==> flow/design.v <==
module sync_barrel #(
  parameter integer WIDTH = 128,
  parameter integer SBITS = $clog2(WIDTH)
) (
  input wire i_clk,
  input wire [WIDTH-1:0] d_i,
  input wire [SBITS-1:0] shamt_i,
  output reg [WIDTH-1:0] res_o
);
  wire [WIDTH-1:0] node [0:SBITS];
  assign node[0] = d_i;
  genvar ii;
  generate
    for (ii = 0; ii < SBITS; ii = ii + 1) begin : row
      assign node[ii+1] = shamt_i[ii] ? (node[ii] << (1 << ii)) | (node[ii] >> (WIDTH - (1 << ii))) : node[ii];
    end
  endgenerate
  always @(posedge i_clk) begin
    res_o <= node[SBITS];
  end
endmodule
# Tool chain data of sync_barrel
# Tool output for the design above, in the order of the flow.
# Lines are those of the file above, counted from 1.
# Library cell names are shortened.
# The mark n/a stands for no value.
# setup
design,sync_barrel
clk_port,i_clk
library,sky130hd
pvt_corner,tt_025C_1v80

# Word-level counts
# Source: Yosys, flattened and elaborated, memories not mapped. Widths are those after wreduce; folded enables and synchronous resets count as part of the registers. Registers that Yosys merges into a memory's read port (data or address) are not register bits. Print and check cells do not count. Equal cells are merged and count once.
# classes
addsub,0
n_mul,0
div_mod_pow,0
cmp,0
equal,0
shifts,0
mux,7
logic,7
n_reduce_logical,0
# ops
operator,count
two-way mux 128 bit,7
OR 128 x 1 -> 128 bit,1
OR 128 x 16 -> 128 bit,1
OR 128 x 2 -> 128 bit,1
OR 128 x 32 -> 128 bit,1
OR 128 x 4 -> 128 bit,1
OR 128 x 64 -> 128 bit,1
OR 128 x 8 -> 128 bit,1
# bits
reg_bits,128
latch_bits,0
ram_bits,0
rom_bits,0
clocked_rd_ports_x_width,0
memories,0
in_bits,136
output_inout_bits,128

# Depth
# Longest topological path by Yosys (ltp), each cell counted once; first at word level (registers and memories cut), then after technology mapping (sequential cells cut; the memories' decode and read muxes count).
# depth
word_depth,14
abc_area,0
depth_mapped,6

# Netlist
# Yosys stat after the flow's synthesis: flattened, memories mapped to cells. It holds for the ABC_AREA given above (unset counts as 0); a run with the other value may have another netlist.
# by_type
cell,count
mux4_2,384
dfxtp_1,128
mux2_2,124
clkbuf_1,74
buf_12,10
mux2_4,4
buf_6,4
buf_1,8
buf_2,2
# mapped
mapped_cells,738
area_um2,13230.2
sequential_area_um2,2562.5
ffs,128
buffers,98

# Worst setup path after synthesis
# Path of least setup slack by OpenSTA after synthesis, without wires, with an ideal clock, recovery checks aside; 20% of the period is set as input and as output delay. Where synthesis merged equal registers, the netlist keeps one of their names.
# synth_timing
path_kind,input-to-reg
startpoint,in shamt_i[3]
endpoint,reg res_o[38]
clock_period_ns,3.75
input_delay_ns,0.750
setup_time_ns,0.121
t_first_pin_ns,0.750
t_arrival_ns,3.029
slack_ns,0.600
delay_ns,2.400
driving_pins,6
synth_period_reached_ns,3.15
# "delay_ns" is the arrival time less input delay plus setup time.
# "driving_pins" counts driving pins, that of a launching flip-flop among them; a cell with two outputs on the path counts twice.
# "synth_period_reached_ns" = period - worst setup slack (recovery checks aside). The figure is calculated, with input and output delays left at 20% of the set period.
# Between the ends stands the longest chain of elaborated cells between them, by number of cells; it is not shown to be the way that was timed. Of several equally long chains one is given.
# A line is the first line of the expression or statement that the cell stems from. Yosys adds cells for indexed reads and writes and turns some case tables into memories.
# synth_between
cell_sequence,clkbuf_1 -> clkbuf_1 -> mux4_2 -> mux4_2 -> mux4_2 -> mux2_4
elab_chain_len,7
cells_between,7
classes_between,mux (4); logic (3)
# synth_lines
element,line,source
"start, declared",7,"input wire [SBITS-1:0] shamt_i,"
two-way mux 128 bit,15,assign node[ii+1] = shamt_i[ii] ? (node[ii] << (1 << ii)) | (node[ii] >> (WIDTH - (1 << ii))) : node[ii];
OR 128 x 16 -> 128 bit,15,
two-way mux 128 bit,15,
OR 128 x 32 -> 128 bit,15,
two-way mux 128 bit,15,
OR 128 x 64 -> 128 bit,15,
two-way mux 128 bit,15,
"end, assigned",19,res_o <= node[SBITS];
"end, declared",8,output reg [WIDTH-1:0] res_o

# Timing after layout
# From the final timing report of record 1: the path of least setup slack in the routed layout; clock arrival at registers is part of the times.
# layout_timing
path_kind,input-to-reg
startpoint,in shamt_i[0]
endpoint,reg res_o[83]
clock_period_ns,4.85
input_delay_ns,0.97
setup_time_ns,0.11
t_first_pin_ns,0.97
t_arrival_ns,3.76
slack_ns,1.41
driving_pins,6
# Between the ends stands the longest chain of elaborated cells between them, by number of cells; it is not shown to be the way that was timed. Of several equally long chains one is given.
# layout_between
cell_sequence,buf_12 -> buf_12 -> mux4_2 -> mux4_2 -> mux4_2 -> mux2_2
elab_chain_len,13
cells_between,13
classes_between,mux (7); logic (6)
# layout_lines
element,line,source
"start, declared",7,"input wire [SBITS-1:0] shamt_i,"
two-way mux 128 bit,15,assign node[ii+1] = shamt_i[ii] ? (node[ii] << (1 << ii)) | (node[ii] >> (WIDTH - (1 << ii))) : node[ii];
OR 128 x 2 -> 128 bit,15,
two-way mux 128 bit,15,
OR 128 x 4 -> 128 bit,15,
two-way mux 128 bit,15,
OR 128 x 8 -> 128 bit,15,
two-way mux 128 bit,15,
OR 128 x 16 -> 128 bit,15,
two-way mux 128 bit,15,
OR 128 x 32 -> 128 bit,15,
two-way mux 128 bit,15,
OR 128 x 64 -> 128 bit,15,
two-way mux 128 bit,15,
"end, assigned",19,res_o <= node[SBITS];
"end, declared",8,output reg [WIDTH-1:0] res_o

## Implementation results

Design sync_barrel on sky130hd. What follows are 3 stored runs of the flow, each under its own settings; their order means nothing. The constraints put input and output delay at 20% of the set period each and load the outputs with 0.01 pF.
"achieved_clock_period_ns": clock period set for the run, less the worst setup slack. It is reckoned from that one timing run; input and output delays stay at 20% of the period that was set.
"worst_path_allowed_less_slack_ns" means the part of the period allowed to the worst setup path (the constraints hold back 20% at inputs and 20% at outputs) less its slack; where the path has registers, the arrival times of their clocks count too.
By "totalPower_w" is meant OpenSTA's value without simulated activity: inputs other than the clock are taken to toggle once in ten clock periods, and the tool carries that through the logic.

Record 1, flow files:
==> flow/run.sh <==
#!/bin/bash
# the make line also repeats the synthesis and layout settings of config.mk as NAME=value (left out here)
make -C /OpenROAD-flow-scripts/flow DESIGN_CONFIG=/design/flow/config.mk WORK_HOME=/design/flow/orfs CLKGATE_MAP_FILE= finish
==> flow/config.mk <==
export PLATFORM = sky130hd
export DESIGN_NAME = sync_barrel
export DESIGN_NICKNAME = sync_barrel
export VERILOG_FILES = /design/flow/design.v
export SDC_FILE = /design/flow/constraint.sdc
export NUM_CORES = 4
export LEC_CHECK = 0
export ABC_AREA = 0
export CAP_MARGIN = 5
export CELL_PAD_IN_SITES_DETAIL_PLACEMENT = 1
export CORE_MARGIN = 2
export CORE_UTILIZATION = 52
export CTS_CLUSTER_DIAMETER = 172
export CTS_CLUSTER_SIZE = 17
export GPL_ROUTABILITY_DRIVEN = 1
export HOLD_SLACK_MARGIN = -0.03
export MAX_ROUTING_LAYER = met5
export PLACE_DENSITY_LB_ADDON = 0.08
export SETUP_SLACK_MARGIN = 1.33
export SLEW_MARGIN = 20
==> flow/constraint.sdc <==
create_clock -name core_clock -period 4.85 [get_ports {i_clk}]
set_input_delay 0.9700 -clock core_clock [delete_from_list [all_inputs] [get_ports {i_clk}]]
set_output_delay 0.9700 -clock core_clock [all_outputs]
set_load 0.01 [all_outputs]

==> results of record 1, as CSV <==
result,value
final_stdcell_area_um2,16573.4
fin_util_pct,66.0
worst_path_allowed_less_slack_ns,2.47
critical_path_type,"input-to-reg"
dieArea_um2,26733.9
worst_setup_slack_ns,1.411
ys_area_um2,13230.2
totalPower_w,0.005601
achieved_clock_period_ns,3.439

Record 2, flow files:
==> flow/run.sh <==
#!/bin/bash
# the make line also repeats the synthesis and layout settings of config.mk as NAME=value (left out here)
make -C /OpenROAD-flow-scripts/flow DESIGN_CONFIG=/design/flow/config.mk WORK_HOME=/design/flow/orfs CLKGATE_MAP_FILE= finish
==> flow/config.mk <==
export PLATFORM = sky130hd
export DESIGN_NAME = sync_barrel
export DESIGN_NICKNAME = sync_barrel
export VERILOG_FILES = /design/flow/design.v
export SDC_FILE = /design/flow/constraint.sdc
export NUM_CORES = 4
export LEC_CHECK = 0
export CAP_MARGIN = 20
export CELL_PAD_IN_SITES_DETAIL_PLACEMENT = 0
export CORE_ASPECT_RATIO = 1.21
export CORE_MARGIN = 2
export CORE_UTILIZATION = 27
export CTS_CLUSTER_DIAMETER = 314
export GPL_ROUTABILITY_DRIVEN = 1
export GPL_TIMING_DRIVEN = 1
export HOLD_SLACK_MARGIN = 0.03
export MIN_ROUTING_LAYER = met2
export SETUP_SLACK_MARGIN = -0.29
export SLEW_MARGIN = 20
==> flow/constraint.sdc <==
create_clock -name core_clock -period 4.55 [get_ports {i_clk}]
set_input_delay 0.9100 -clock core_clock [delete_from_list [all_inputs] [get_ports {i_clk}]]
set_output_delay 0.9100 -clock core_clock [all_outputs]
set_load 0.01 [all_outputs]

==> results of record 2, as CSV <==
result,value
final_stdcell_area_um2,17050.1
fin_util_pct,35.1
worst_path_allowed_less_slack_ns,2.54
critical_path_type,"input-to-reg"
dieArea_um2,50794.6
worst_setup_slack_ns,1.102
ys_area_um2,13230.2
totalPower_w,0.005916
achieved_clock_period_ns,3.448

Record 3, flow files:
==> flow/run.sh <==
#!/bin/bash
# the make line also repeats the synthesis and layout settings of config.mk as NAME=value (left out here)
make -C /OpenROAD-flow-scripts/flow DESIGN_CONFIG=/design/flow/config.mk WORK_HOME=/design/flow/orfs CLKGATE_MAP_FILE= finish
==> flow/config.mk <==
export PLATFORM = sky130hd
export DESIGN_NAME = sync_barrel
export DESIGN_NICKNAME = sync_barrel
export VERILOG_FILES = /design/flow/design.v
export SDC_FILE = /design/flow/constraint.sdc
export NUM_CORES = 4
export LEC_CHECK = 0
export CAP_MARGIN = 20
export CORE_MARGIN = 2
export CORE_UTILIZATION = 40
export SLEW_MARGIN = 20
==> flow/constraint.sdc <==
create_clock -name core_clock -period 3.75 [get_ports {i_clk}]
set_input_delay 0.7500 -clock core_clock [delete_from_list [all_inputs] [get_ports {i_clk}]]
set_output_delay 0.7500 -clock core_clock [all_outputs]
set_load 0.01 [all_outputs]

==> results of record 3, as CSV <==
result,value
final_stdcell_area_um2,16957.5
fin_util_pct,52.1
worst_path_allowed_less_slack_ns,2.32
critical_path_type,"input-to-reg"
dieArea_um2,34545.8
worst_setup_slack_ns,0.682
ys_area_um2,13230.2
totalPower_w,0.00707
achieved_clock_period_ns,3.068
